==> flow/design.v <==
module subtractor #(
  parameter int NBITS = 112
) (
  input logic clk_i,
  input logic clr,
  input logic [NBITS-1:0] da,
  input logic [NBITS-1:0] db,
  output logic [NBITS-1:0] d
);
  always_ff @(posedge clk_i) begin
    if (clr) begin
      d <= 0;
    end else begin
      d <= (da > db) ? da - db : db - da;
    end
  end
endmodule
Reports on subtractor
The steps from the RTL of subtractor to its reports follow in flow order. Lines are those of the file above, counted from 1. Not given: n/a

Top module: subtractor. Clock input: clk_i. Library: sky130hd. Timing corner: tt_025C_1v80.

Word-level counts
Source: Yosys, flattened and elaborated, memories not mapped. Widths are those after wreduce; folded enables and synchronous resets count as part of the registers. Registers that Yosys merges into a memory's read port (data or address) are not register bits. Print and check cells do not count. Equal cells are merged and count once.

Under bits in registers stands 112. Under input bits stands 226. For output and inout port bits the number is 112.

The figure for $lt $le $gt $ge is 1. The figure for $add $sub $neg is 2. Under multiplexer cells stands 1.

Operators by type and width (count): subtractor 112 bit (2); > comparator 112 bit (1); two-way mux 112 bit (1).

Longest topological paths
Depth = most cells in a row (Yosys ltp): at word level without a register or memory, in the mapped netlist without a sequential cell, where the memories' decode and read muxes count.

The figure for depth after elaboration is 2. ABC_AREA: 0. The figure for depth in mapped cells is 17. Gate-level depth less buffers: 14.

Mapped cells and area
Source: synth_stat.txt of the flow (Yosys; design flattened, memories mapped). It holds for the ABC_AREA given above (unset counts as 0); a run with the other value may have another netlist.

Cell types (count): sky130_fd_sc_hd__ha_1 (223); sky130_fd_sc_hd__dfxtp_1 (112); sky130_fd_sc_hd__a21oi_1 (382); sky130_fd_sc_hd__o21ai_0 (218); sky130_fd_sc_hd__nor2_1 (287); sky130_fd_sc_hd__inv_1 (262); sky130_fd_sc_hd__nand2_1 (248); sky130_fd_sc_hd__xnor2_1 (68); sky130_fd_sc_hd__a21o_1 (74); sky130_fd_sc_hd__o21bai_1 (74); sky130_fd_sc_hd__buf_2 (78); sky130_fd_sc_hd__nand4_1 (56); sky130_fd_sc_hd__o21a_1 (37); sky130_fd_sc_hd__xor2_1 (31); sky130_fd_sc_hd__buf_4 (35); sky130_fd_sc_hd__a31oi_1 (32); sky130_fd_sc_hd__nand3_1 (38); sky130_fd_sc_hd__nor3_1 (38).

Not listed: further types 76, cells in them 390.

The figure for mapped area is 18074.8 um^2. Under buffers stands 137. The entry for flip-flops reads 112. Mapped cells: 2683.

Timing after synthesis
Path of least setup slack by OpenSTA after synthesis, without wires, with an ideal clock, recovery checks aside; 20% of the period is set as input and as output delay. Where synthesis merged equal registers, the netlist keeps one of their names.

Kind: input to register. From: input port da[22]. To: register d[105]. For buffers on the path the number is 1. Clock period: 4430 ps. Under library setup time stands 123 ps. The figure for time at the first pin is 886 ps. Required time: 4307 ps. The figure for setup slack is 710 ps. Path delay: 2833 ps. The figure for data arrival time is 3596 ps. The figure for driving pins on the path is 13. The figure for period reached after synthesis is 3720 ps.

"path delay" is the arrival time less input delay plus setup time. "driving pins on the path": output pins that drive a net of the path, with the launching flip-flop's if there is one; two outputs of one cell count as two. "period reached after synthesis" = period - worst setup slack (recovery checks aside). The figure is calculated, with input and output delays left at 20% of the set period. Between the ends stands the longest chain of elaborated cells between them, by number of cells; it is not shown to be the way that was timed. Of several equally long chains one is given. Each line given opens the expression or statement behind the cell; cells for indexed reads and writes are added by Yosys, which also makes memories of some case tables.

Path through: sky130_fd_sc_hd__inv_1 -> sky130_fd_sc_hd__ha_1 -> sky130_fd_sc_hd__buf_6 -> sky130_fd_sc_hd__nand2_2 -> sky130_fd_sc_hd__or3_1 -> sky130_fd_sc_hd__or3_1 -> sky130_fd_sc_hd__o21ai_2 -> sky130_fd_sc_hd__a21oi_2 -> sky130_fd_sc_hd__nor4_2 -> sky130_fd_sc_hd__a211oi_1 -> sky130_fd_sc_hd__or4_1 -> sky130_fd_sc_hd__a32oi_1 -> sky130_fd_sc_hd__mux2_1. The entry for cells in the longest elaborated chain reads 2. The figure for elaborated cells between the ends (all ways) is 4. The figure for source lines of those cells is 1. Classes of those cells: add/sub (2); compare (1); mux (1).

RTL lines, path after synthesis: start: declaration (line 6) `input logic [NBITS-1:0] da,`; subtractor 112 bit (line 14) `d <= (da > db) ? da - db : db - da;`; two-way mux 112 bit (line 14); end: assignment (line 12) `d <= 0;`; end: assignment (line 14); end: declaration (line 8) `output logic [NBITS-1:0] d`.

Path in the finished layout
From the final timing report of flow run C: the path of least setup slack in the routed layout; clock arrival at registers is part of the times. The path's times are printed in steps of 10 ps; the period is the one set.

Kind: input to register. From: input port da[78]. To: register d[101]. The figure for driving pins on the path is 17. The figure for data arrival time is 4640 ps. The figure for setup slack is 50 ps. For buffers on the path the number is 4. Required time: 4690 ps. The figure for time at the first pin is 890 ps. Under library setup time stands 150 ps. Clock period: 4430 ps.

Between the ends stands the longest chain of elaborated cells between them, by number of cells; it is not shown to be the way that was timed. Of several equally long chains one is given.

Path through: sky130_fd_sc_hd__clkdlybuf4s50_1 -> sky130_fd_sc_hd__inv_1 -> sky130_fd_sc_hd__ha_1 -> sky130_fd_sc_hd__nand4_4 -> sky130_fd_sc_hd__nor4_4 -> sky130_fd_sc_hd__buf_4 -> sky130_fd_sc_hd__nand3b_1 -> sky130_fd_sc_hd__or4_1 -> sky130_fd_sc_hd__o21ai_2 -> sky130_fd_sc_hd__a31oi_4 -> sky130_fd_sc_hd__buf_4 -> sky130_fd_sc_hd__a211oi_1 -> sky130_fd_sc_hd__a41oi_1 -> sky130_fd_sc_hd__buf_4 -> sky130_fd_sc_hd__a41oi_4 -> sky130_fd_sc_hd__xnor2_2 -> sky130_fd_sc_hd__nor2_1. The entry for cells in the longest elaborated chain reads 2. The figure for elaborated cells between the ends (all ways) is 4. The figure for source lines of those cells is 1. Classes of those cells: add/sub (2); compare (1); mux (1).

RTL lines, path post-layout: start: declaration (line 6) `input logic [NBITS-1:0] da,`; subtractor 112 bit (line 14) `d <= (da > db) ? da - db : db - da;`; two-way mux 112 bit (line 14); end: assignment (line 12) `d <= 0;`; end: assignment (line 14); end: declaration (line 8) `output logic [NBITS-1:0] d`.

Appendix: measured runs

subtractor through Yosys and OpenROAD on sky130hd: 3 stored runs, unordered, with their settings and measured results. The constraints put input and output delay at 20% of the set period each and load the outputs with 0.01 pF. "clock period reached" = clock period - worst setup slack. The figure is calculated, with input and output delays left at 20% of the set period. "worst setup path time" means the part of the period allowed to the worst setup path (the constraints hold back 20% at inputs and 20% at outputs) less its slack; where the path has registers, the arrival times of their clocks count too. "total design power" is the tool's figure for a default switching activity; nothing was simulated. "worst setup path time" is known to 10 ps.

Flow run A has these settings: period_ns 2.3; CORE_UTILIZATION 41; PLACE_DENSITY_LB_ADDON 0.06; CELL_PAD_IN_SITES_DETAIL_PLACEMENT 1; TNS_END_PERCENT 35; GPL_TIMING_DRIVEN 0; GPL_ROUTABILITY_DRIVEN 1; CTS_CLUSTER_SIZE 24; SLEW_MARGIN 5; CAP_MARGIN 20; CORE_MARGIN 2. Outcome: did not finish, routing stopped with GRT-0232.

Flow run B has these settings: period_ns 3.45; CORE_UTILIZATION 70; SETUP_SLACK_MARGIN 0.64; CORE_ASPECT_RATIO 0.83; CELL_PAD_IN_SITES_GLOBAL_PLACEMENT 2; ABC_AREA 0; CAP_MARGIN 20; CORE_MARGIN 2; SLEW_MARGIN 20. Outcome: did not finish, placement stopped with GPL-0301.

Flow run C has these settings: period_ns 4.43; CAP_MARGIN 20; CORE_MARGIN 2; CORE_UTILIZATION 40; SLEW_MARGIN 20. The total design power comes to 6.868 mW. The netlist area reported by Yosys is 18074.8 um^2. The smallest hold slack is 1011 ps. The setup slack of the worst path reads 46 ps. The clock period reached comes to 4384 ps. The standard-cell area after routing stands at 29174.2 um^2. The final design utilization stands at 65.7%. The setup TNS stands at 0 ps. For the worst setup path time the run shows 3500 ps. Worst path kind: input to register. The overall die area is 46902.6 um^2.
